==> flow/design.v <==
module gen_mag_cmp #(
    parameter W = 128
) (
    input  i_clk,
    input  rstn,
    input  [W-1:0] opa,
    input  [W-1:0] opb,
    output reg greater,
    output reg match
);
    localparam NB = W / 4;
    wire [NB:0] g;
    wire [NB:0] e;
    assign g[0] = 1'b0;
    assign e[0] = 1'b1;
    genvar gi;
    generate
        for (gi = 0; gi < NB; gi = gi + 1) begin : gen
            cmp4 u0 (.a(opa[4*gi +: 4]), .b(opb[4*gi +: 4]), .gi(g[gi]), .ei(e[gi]), .go(g[gi+1]), .eo(e[gi+1]));
        end
    endgenerate
    always @(posedge i_clk or negedge rstn) begin
        if (~rstn) begin
            greater <= 1'b0;
            match <= 1'b0;
        end else begin
            greater <= g[NB];
            match <= e[NB];
        end
    end
endmodule
module cmp4 (
    input wire [3:0] a,
    input wire [3:0] b,
    input wire gi,
    input wire ei,
    output wire go,
    output wire eo
);
    assign go = (a > b) | ((a == b) & gi);
    assign eo = (a == b) & ei;
endmodule
* Tool chain data of gen_mag_cmp *
What the tools print for gen_mag_cmp, step after step.
Lines are those of the file above, counted from 1.
Library cell names are shortened.
Not given: --

inputs
  top module = gen_mag_cmp
  clock input = i_clk
  standard-cell library = sky130hd
  library corner = tt_025C_1v80

* Word-level counts *
Counts by Yosys on the flattened word-level netlist (proc, flatten, opt, wreduce; memories kept). Register bits leave out memories and registers merged into their read ports (data or address); mux counts leave out enables and synchronous resets folded into registers. Print and check cells are left out. Cells with the same type and inputs are merged into one.

word-level totals
  output and inout port bits = 2
  input bits = 258
  register bits = 2

operators by class
  equality and inequality tests = 32
  $lt $le $gt $ge = 32
  bitwise logic cells = 93

operators with widths
  kind                           number
  greater-than comparator 4 bit  32
  == test 4 bit                  32
  bitwise AND 1 bit              62
  bitwise OR 1 bit               31

* Longest topological paths *
Depth = most cells in a row (Yosys ltp): at word level without a register or memory, in the mapped netlist without a sequential cell, where the memories' decode and read muxes count.

logic depth
  depth after elaboration = 63
  ABC_AREA = 0
  depth in mapped cells = 10
  mapped depth without buffers = 10

* Synthesis result *
Yosys stat after the flow's synthesis: flattened, memories mapped to cells. It holds for the ABC_AREA given above (unset counts as 0); a run with the other value may have another netlist.

mapped netlist
  sequential area = 50.0 um^2
  mapped flip-flops = 2
  cell count = 490
  cell area after synthesis = 3,492.1 um^2

cell types
  type       number  total area (um^2)
  ha_1       128     1.6E+03
  inv_1      145     544.272
  a21oi_1    39      195.187
  nand4_1    25      156.4
  o21ai_0    27      135.13
  nor2b_1    13      81.328
  and4_1     8       70.067
  o2111ai_1  7       61.309
  nand2b_1   9       56.304
  a21o_1     7       52.55
  nand2_1    14      52.55
  dfrtp_1    2       50.048
  nor2_1     10      37.536
  nand3_1    7       35.034
  nor3_1     7       35.034
  o211ai_1   4       30.029
  a31oi_1    4       25.024
  nor4_1     4       25.024

Not listed: further types 20, cells in them 30.
By module: a second synthesis without flattening, with its own total; a netlist apart from the flattened one above.

unflattened totals
  cells (unflattened synthesis) = 516
  area total of the unflattened synthesis = 3,500.9 um^2

Each row is one instance without its submodules.

modules
  module       area (um^2)  times used  cells  seq. area (um^2)
  cmp4         107.6        32          16     0.0
  gen_mag_cmp  57.6         1           4      50.0

* Worst setup path after synthesis *
Source: OpenSTA report_checks on the synthesized netlist (no wires, ideal clock, input and output delay 20% of the period each), path of least setup slack; recovery checks are left aside. Register names are those of the netlist, which keeps one name where synthesis merged equal registers.

timing path after synthesis
  path type = input-to-reg
  start = input opb[43]
  end = register greater
  data required time = 2.393 ns
  data arrival time = 1.988 ns
  driving pins on the path = 8
  setup time = 0.127 ns
  period = 2.52 ns
  path buffers = 0
  setup slack = 0.405 ns
  path delay = 1.611 ns
  external input delay = 0.504 ns
  period reached after synthesis = 2.115 ns

"path delay" = arrival - input delay + setup time.
"driving pins on the path" counts driving pins, that of a launching flip-flop among them; a cell with two outputs on the path counts twice.
"period reached after synthesis" = period - worst setup slack (recovery checks aside). The figure is calculated, with input and output delays left at 20% of the set period.
Between the ends stands the longest chain of elaborated cells between them, by number of cells; it is not shown to be the way that was timed. Of several equally long chains one is given.
Each line given opens the expression or statement behind the cell; cells for indexed reads and writes are added by Yosys, which also makes memories of some case tables.

on the way, after synthesis
  cell sequence = inv_1 -> ha_1 -> nand4_2 -> or4_1 -> a221oi_1 -> o311ai_0 -> nor3_1 -> o31ai_1
  cells in the longest elaborated chain = 45
  elaborated cells on any way between the ends = 46
  those cells by class = 1 x compare; 1 x eq/ne; 44 x logic

RTL lines, path after synthesis
  element             RTL line  source
  start: declaration  7         input  [W-1:0] opb,
  == test 4 bit       40        assign go = (a > b) | ((a == b) & gi);
  bitwise AND 1 bit   40
  bitwise OR 1 bit    40
  bitwise AND 1 bit   40
  bitwise OR 1 bit    40
  bitwise AND 1 bit   40
  bitwise OR 1 bit    40
  [... 31 more ...]   --
  bitwise OR 1 bit    40
  bitwise AND 1 bit   40
  bitwise OR 1 bit    40
  bitwise AND 1 bit   40
  bitwise OR 1 bit    40
  bitwise AND 1 bit   40
  bitwise OR 1 bit    40
  end: assignment     24        greater <= 1'b0;
  end: assignment     27        greater <= g[NB];
  end: declaration    8         output reg greater,

* Worst path after layout *
From the final timing report of flow run B: the path of least setup slack in the routed layout; clock arrival at registers is part of the times.

timing path post-layout
  path type = input-to-reg
  start = input opa[120]
  end = register greater
  path buffers = 2
  period = 2.69 ns
  data arrival time = 2.43 ns
  setup time = 0.09 ns
  data required time = 2.82 ns
  external input delay = 0.54 ns
  driving pins on the path = 10
  setup slack = 0.38 ns

Between the ends stands the longest chain of elaborated cells between them, by number of cells; it is not shown to be the way that was timed. Of several equally long chains one is given.

on the way, post-layout
  cell sequence = clkdlybuf4s50_1 -> inv_1 -> ha_1 -> and4_4 -> nand2_4 -> a21oi_2 -> and3b_2 -> o2111ai_4 -> buf_6 -> o31ai_2
  cells in the longest elaborated chain = 5
  elaborated cells on any way between the ends = 6
  those cells by class = 1 x compare; 1 x eq/ne; 4 x logic

RTL lines, path post-layout
  element             RTL line  source
  start: declaration  6         input  [W-1:0] opa,
  == test 4 bit       40        assign go = (a > b) | ((a == b) & gi);
  bitwise AND 1 bit   40
  bitwise OR 1 bit    40
  bitwise AND 1 bit   40
  bitwise OR 1 bit    40
  end: assignment     24        greater <= 1'b0;
  end: assignment     27        greater <= g[NB];
  end: declaration    8         output reg greater,

Ticket comment

Settings and measured results of 3 stored flow runs for module gen_mag_cmp (sky130hd), not sorted in any way. The constraints put input and output delay at 20% of the set period each and load the outputs with 0.01 pF.
"achieved clock period": clock period set for the run, less the worst setup slack. It is reckoned from that one timing run; input and output delays stay at 20% of the period that was set.
"total power after layout": no workload was simulated; the value follows from the tool's default switching activity.
A setting shown as -- is not set for that run.
Results: -- = not shown.

item                                    flow run A  flow run B  flow run C
period_ns                               3.56        2.69        2.52
CORE_UTILIZATION                        41          23          40
SETUP_SLACK_MARGIN                      0.25        0.34        --
PLACE_DENSITY_LB_ADDON                  0.2         0.21        --
CELL_PAD_IN_SITES_GLOBAL_PLACEMENT      1           --          --
TNS_END_PERCENT                         15          --          --
ABC_AREA                                0           --          --
CTS_CLUSTER_SIZE                        87          --          --
CTS_CLUSTER_DIAMETER                    98          186         --
SLEW_MARGIN                             15          10          20
MIN_ROUTING_LAYER                       met1        --          --
CAP_MARGIN                              20          20          20
CORE_MARGIN                             2           2           2
total power after layout (mW)           --          1.353       1.176
smallest setup slack (ns)               --          0.383       0.069
total die area (um^2)                   --          16,184.9    9,493.6
utilization in the final report (%)     --          52.0        79.0
achieved clock period (ns)              --          2.307       2.451
area of the synthesized netlist (um^2)  --          3,492.1     3,492.1

Flow run A: incomplete, placement halted on FLW-0024
